==> flow/design.v <==
module registers #(
  parameter integer NWORDS = 128,
  parameter integer WIDTH = 2,
  parameter integer RP = 8,
  parameter integer IDX_W = $clog2(NWORDS)
) (
  input logic i_clk,
  input logic rst_ni,
  input logic wr,
  input logic [IDX_W-1:0] waddr,
  input logic [WIDTH-1:0] din,
  input logic [RP*IDX_W-1:0] ra,
  output logic [RP*WIDTH-1:0] rdata
);
  logic wr_reg;
  logic [IDX_W-1:0] waddr_reg;
  logic [WIDTH-1:0] din_reg;
  always_ff @(posedge i_clk or negedge rst_ni) begin
    if (~rst_ni) begin
      wr_reg <= 1'b0;
      waddr_reg <= 0;
      din_reg <= 0;
    end else begin
      wr_reg <= wr;
      waddr_reg <= waddr;
      din_reg <= din;
    end
  end
  logic [WIDTH-1:0] rf [0:NWORDS-1];
  always_ff @(posedge i_clk) begin
    if (wr_reg)
      rf[waddr_reg] <= din_reg;
  end
  logic [RP*IDX_W-1:0] ra_reg;
  always_ff @(posedge i_clk or negedge rst_ni) begin
    if (~rst_ni) begin
      ra_reg <= 0;
    end else begin
      ra_reg <= ra;
    end
  end
  logic [RP*WIDTH-1:0] t;
  generate
    for (genvar gj = 0; gj < RP; gj++) begin : slice
      assign t[gj*WIDTH +: WIDTH] = rf[ra_reg[gj*IDX_W +: IDX_W]];
    end
  endgenerate
  always_ff @(posedge i_clk or negedge rst_ni) begin
    if (~rst_ni) begin
      rdata <= 0;
    end else begin
      rdata <= t;
    end
  end
endmodule
==> Reports on registers <==
Tool output for the design above, in the order of the flow.
Lines are those of the file above, counted from 1.
{ "setup": {"design": "registers", "clk_port": "i_clk", "lib": "sky130hd", "lib_corner": "tt_025C_1v80"} }

==> Elaborated design <==
Yosys after proc, flatten, opt, wreduce and memory -nomap, before mapping. Enables and synchronous resets that opt folds into registers are not counted as muxes. Memory bits, and registers merged into a memory's read port (data or address), are not among the register bits. Print and check cells are not counted.
Yosys's memory passes give these memory sizes; they may raise the number of words (mostly to a power of two), join words into wider ones and drop unused or constant bits.
{ "op_classes": {"muxes": 3, "reduce_logical": 8} }
{ "ops": {"columns": ["cell", "n"], "rows": [
  ["1-bit zero test", 8],
  ["7-bit 2-to-1 mux", 1],
  ["2-bit 2-to-1 mux", 1],
  ["1-bit 2-to-1 mux", 1]
]} }
{ "bits": {"clocked_rd_ports_x_width": 16, "ram_bits": 256, "output_inout_bits": 16, "input_bits": 68, "ff_bits": 66, "memories": 1, "wordCells": 16} }
{ "mem_list": {"columns": ["name", "words", "width", "read_ports", "write_ports", "line", "rtl"], "rows": [
  ["rf", 128, 2, 8, 1, 29, "logic [WIDTH-1:0] rf [0:NWORDS-1];"]
]} }

==> Longest topological paths <==
Longest topological path by Yosys (ltp), each cell counted once; first at word level (registers and memories cut), then after technology mapping (sequential cells cut; the memories' decode and read muxes count).
{ "depth": {"word_depth": 1, "abc_area": 0, "mapped_depth": 9, "depth_no_buf": 5} }

==> Synthesis result <==
Yosys stat after the flow's synthesis: flattened, memories mapped to cells. It holds for the ABC_AREA given above (unset counts as 0); a run with the other value may have another netlist.
The area totals of this step are shown rounded.
{ "by_type": {"columns": ["cell_type", "n", "area_total_um2"], "rows": [
  ["sky130_fd_sc_hd__mux4_2", 371, 8.36E+03],
  ["sky130_fd_sc_hd__edfxtp_1", 256, 7.69E+03],
  ["sky130_fd_sc_hd__mux2i_1", 256, 2.56E+03],
  ["sky130_fd_sc_hd__dfrtp_1", 82, 2.05E+03],
  ["sky130_fd_sc_hd__mux4_1", 77, 2023.19],
  ["sky130_fd_sc_hd__a22oi_1", 128, 960.922],
  ["sky130_fd_sc_hd__mux2_2", 64, 720.691],
  ["sky130_fd_sc_hd__nor2_1", 130, 487.968],
  ["sky130_fd_sc_hd__clkbuf_1", 114, 427.91],
  ["sky130_fd_sc_hd__o22ai_1", 64, 400.384],
  ["sky130_fd_sc_hd__a21oi_1", 64, 320.307],
  ["sky130_fd_sc_hd__buf_1", 82, 307.795],
  ["sky130_fd_sc_hd__nor3_1", 57, 285.274],
  ["sky130_fd_sc_hd__buf_2", 40, 200.192],
  ["sky130_fd_sc_hd__buf_6", 17, 191.434],
  ["sky130_fd_sc_hd__nand2b_1", 26, 162.656],
  ["sky130_fd_sc_hd__nor2b_1", 23, 143.888],
  ["sky130_fd_sc_hd__buf_12", 7, 140.134]
]} }
Other cell types: 8; their cells: 87.
{ "mapped": {"cells": 1945, "ffs": 338, "mapped_area_um2": 27910} }

==> Timing after synthesis <==
OpenSTA on the mapped netlist: ideal clock, no wires. The path of least setup slack (recovery checks aside). Input and output delay are each 20% of the period. Register names are those of the netlist, which keeps one name where synthesis merged equal registers.
{ "synth_path": {"path_type": "register -> register", "startpoint": "register ra_reg[50]", "endpoint": "register rdata[14]", "required_time_ns": 3.111, "n_path_buf": 3, "launch_ns": 0.000, "clock_period_ns": 3.25, "stages": 9, "arrival_ns": 2.463, "setup_ns": 0.139, "setup_slack_ns": 0.648, "path_delay_ns": 2.602, "period_less_setup_slack_ns": 2.602} }
"path_delay_ns" is the arrival time less input delay plus setup time.
"stages" counts driving pins, that of a launching flip-flop among them; a cell with two outputs on the path counts twice.
"period_less_setup_slack_ns" is the clock period less the worst setup slack; recovery checks do not enter. This is arithmetic on one report: input and output delays are still those of the set period (20% each).
{ "synth_via": {"path_cell_list": "sky130_fd_sc_hd__dfrtp_1 > sky130_fd_sc_hd__clkbuf_1 > sky130_fd_sc_hd__clkbuf_1 > sky130_fd_sc_hd__buf_1 > sky130_fd_sc_hd__mux4_2 > sky130_fd_sc_hd__mux2_2 > sky130_fd_sc_hd__o22ai_1 > sky130_fd_sc_hd__nor3_1 > sky130_fd_sc_hd__or4_1"} }
{ "synth_rtl": {"columns": ["item", "line", "rtl"], "rows": [
  ["from (decl)", 34, "logic [RP*IDX_W-1:0] ra_reg;"],
  ["from (assign)", 37, "ra_reg <= 0;"],
  ["from (assign)", 39, "ra_reg <= ra;"],
  ["to (decl)", 13, "output logic [RP*WIDTH-1:0] rdata"]
]} }
Chain of elaborated cells between the ends: none given.

==> Timing after layout <==
Path of least setup slack in the final report of run 2 (OpenROAD, finished layout, wires in). Where an end is a register, its clock arrival counts in the times.
{ "layout_path": {"path_type": "register -> register", "startpoint": "register ra_reg[23]", "endpoint": "register rdata[7]", "required_time_ns": 3.70, "stages": 7, "n_path_buf": 1, "setup_slack_ns": 0.12, "setup_ns": 0.13, "arrival_ns": 3.58, "launch_ns": 0.58, "clock_period_ns": 3.25} }
{ "layout_via": {"path_cell_list": "sky130_fd_sc_hd__dfrtp_2 > sky130_fd_sc_hd__buf_12 > sky130_fd_sc_hd__mux4_2 > sky130_fd_sc_hd__mux4_2 > sky130_fd_sc_hd__o22ai_1 > sky130_fd_sc_hd__nor3_1 > sky130_fd_sc_hd__or4_1"} }
{ "layout_rtl": {"columns": ["item", "line", "rtl"], "rows": [
  ["from (decl)", 34, "logic [RP*IDX_W-1:0] ra_reg;"],
  ["from (assign)", 37, "ra_reg <= 0;"],
  ["from (assign)", 39, "ra_reg <= ra;"],
  ["to (decl)", 13, "output logic [RP*WIDTH-1:0] rdata"]
]} }
Chain of elaborated cells between the ends: none given.

Lab notebook: registers

Top module registers; platform sky130hd; tools Yosys and OpenROAD; 3 stored runs in no particular order. Input and output delays are each 20% of the period that was set; the output load is 0.01 pF.
"period_less_ws_ns" means the clock period less the worst setup slack. The figure is calculated, with input and output delays left at 20% of the set period.
"worst_setup_path_time_ns": the worst setup path's part of the clock period (all of it between registers, 20% less for each end at a port) less its slack. A launch clock that arrives late makes it longer, a capture clock that arrives late makes it shorter.
Results are given in rounded form.
[
  {
    "run": "run 1",
    "settings": { "period_ns": 3.3, "CORE_UTILIZATION": 72, "PLACE_DENSITY_LB_ADDON": 0.07, "HOLD_SLACK_MARGIN": 0.04, "CORE_ASPECT_RATIO": 0.56, "CELL_PAD_IN_SITES_GLOBAL_PLACEMENT": 1, "CELL_PAD_IN_SITES_DETAIL_PLACEMENT": 1, "TNS_END_PERCENT": 30, "GPL_ROUTABILITY_DRIVEN": 1, "CTS_CLUSTER_DIAMETER": 151, "SLEW_MARGIN": 20, "MIN_ROUTING_LAYER": "met1", "CAP_MARGIN": 20, "CORE_MARGIN": 2 },
    "outcome": "not finished: placement ended with error DPL-0033"
  },
  {
    "run": "run 2",
    "settings": { "period_ns": 3.25, "CAP_MARGIN": 20, "CORE_MARGIN": 2, "CORE_UTILIZATION": 40, "SLEW_MARGIN": 20 },
    "results": { "tns_setup_ns": 0.000, "design.die.area_um2": 71890, "finish.utilization_pct": 45.9, "period_less_ws_ns": 3.130, "worst_setup_path_time_ns": 3.13, "worst_setup_path_type": "register -> register", "synthesis_area_um2": 27910, "finalCellArea_um2": 31620, "fin_ws_ns": 0.120 }
  },
  {
    "run": "run 3",
    "settings": { "period_ns": 3.75, "CORE_UTILIZATION": 45, "SETUP_SLACK_MARGIN": 0.2, "PLACE_DENSITY_LB_ADDON": 0.18, "CORE_ASPECT_RATIO": 1.47, "CORE_MARGIN": 8, "TNS_END_PERCENT": 70, "MAX_ROUTING_LAYER": "met5", "CAP_MARGIN": 20, "SLEW_MARGIN": 20 },
    "results": { "tns_setup_ns": 0.000, "design.die.area_um2": 70390, "finish.utilization_pct": 50.1, "period_less_ws_ns": 3.342, "worst_setup_path_time_ns": 3.34, "worst_setup_path_type": "register -> register", "synthesis_area_um2": 27910, "finalCellArea_um2": 30670, "fin_ws_ns": 0.408 }
  }
]
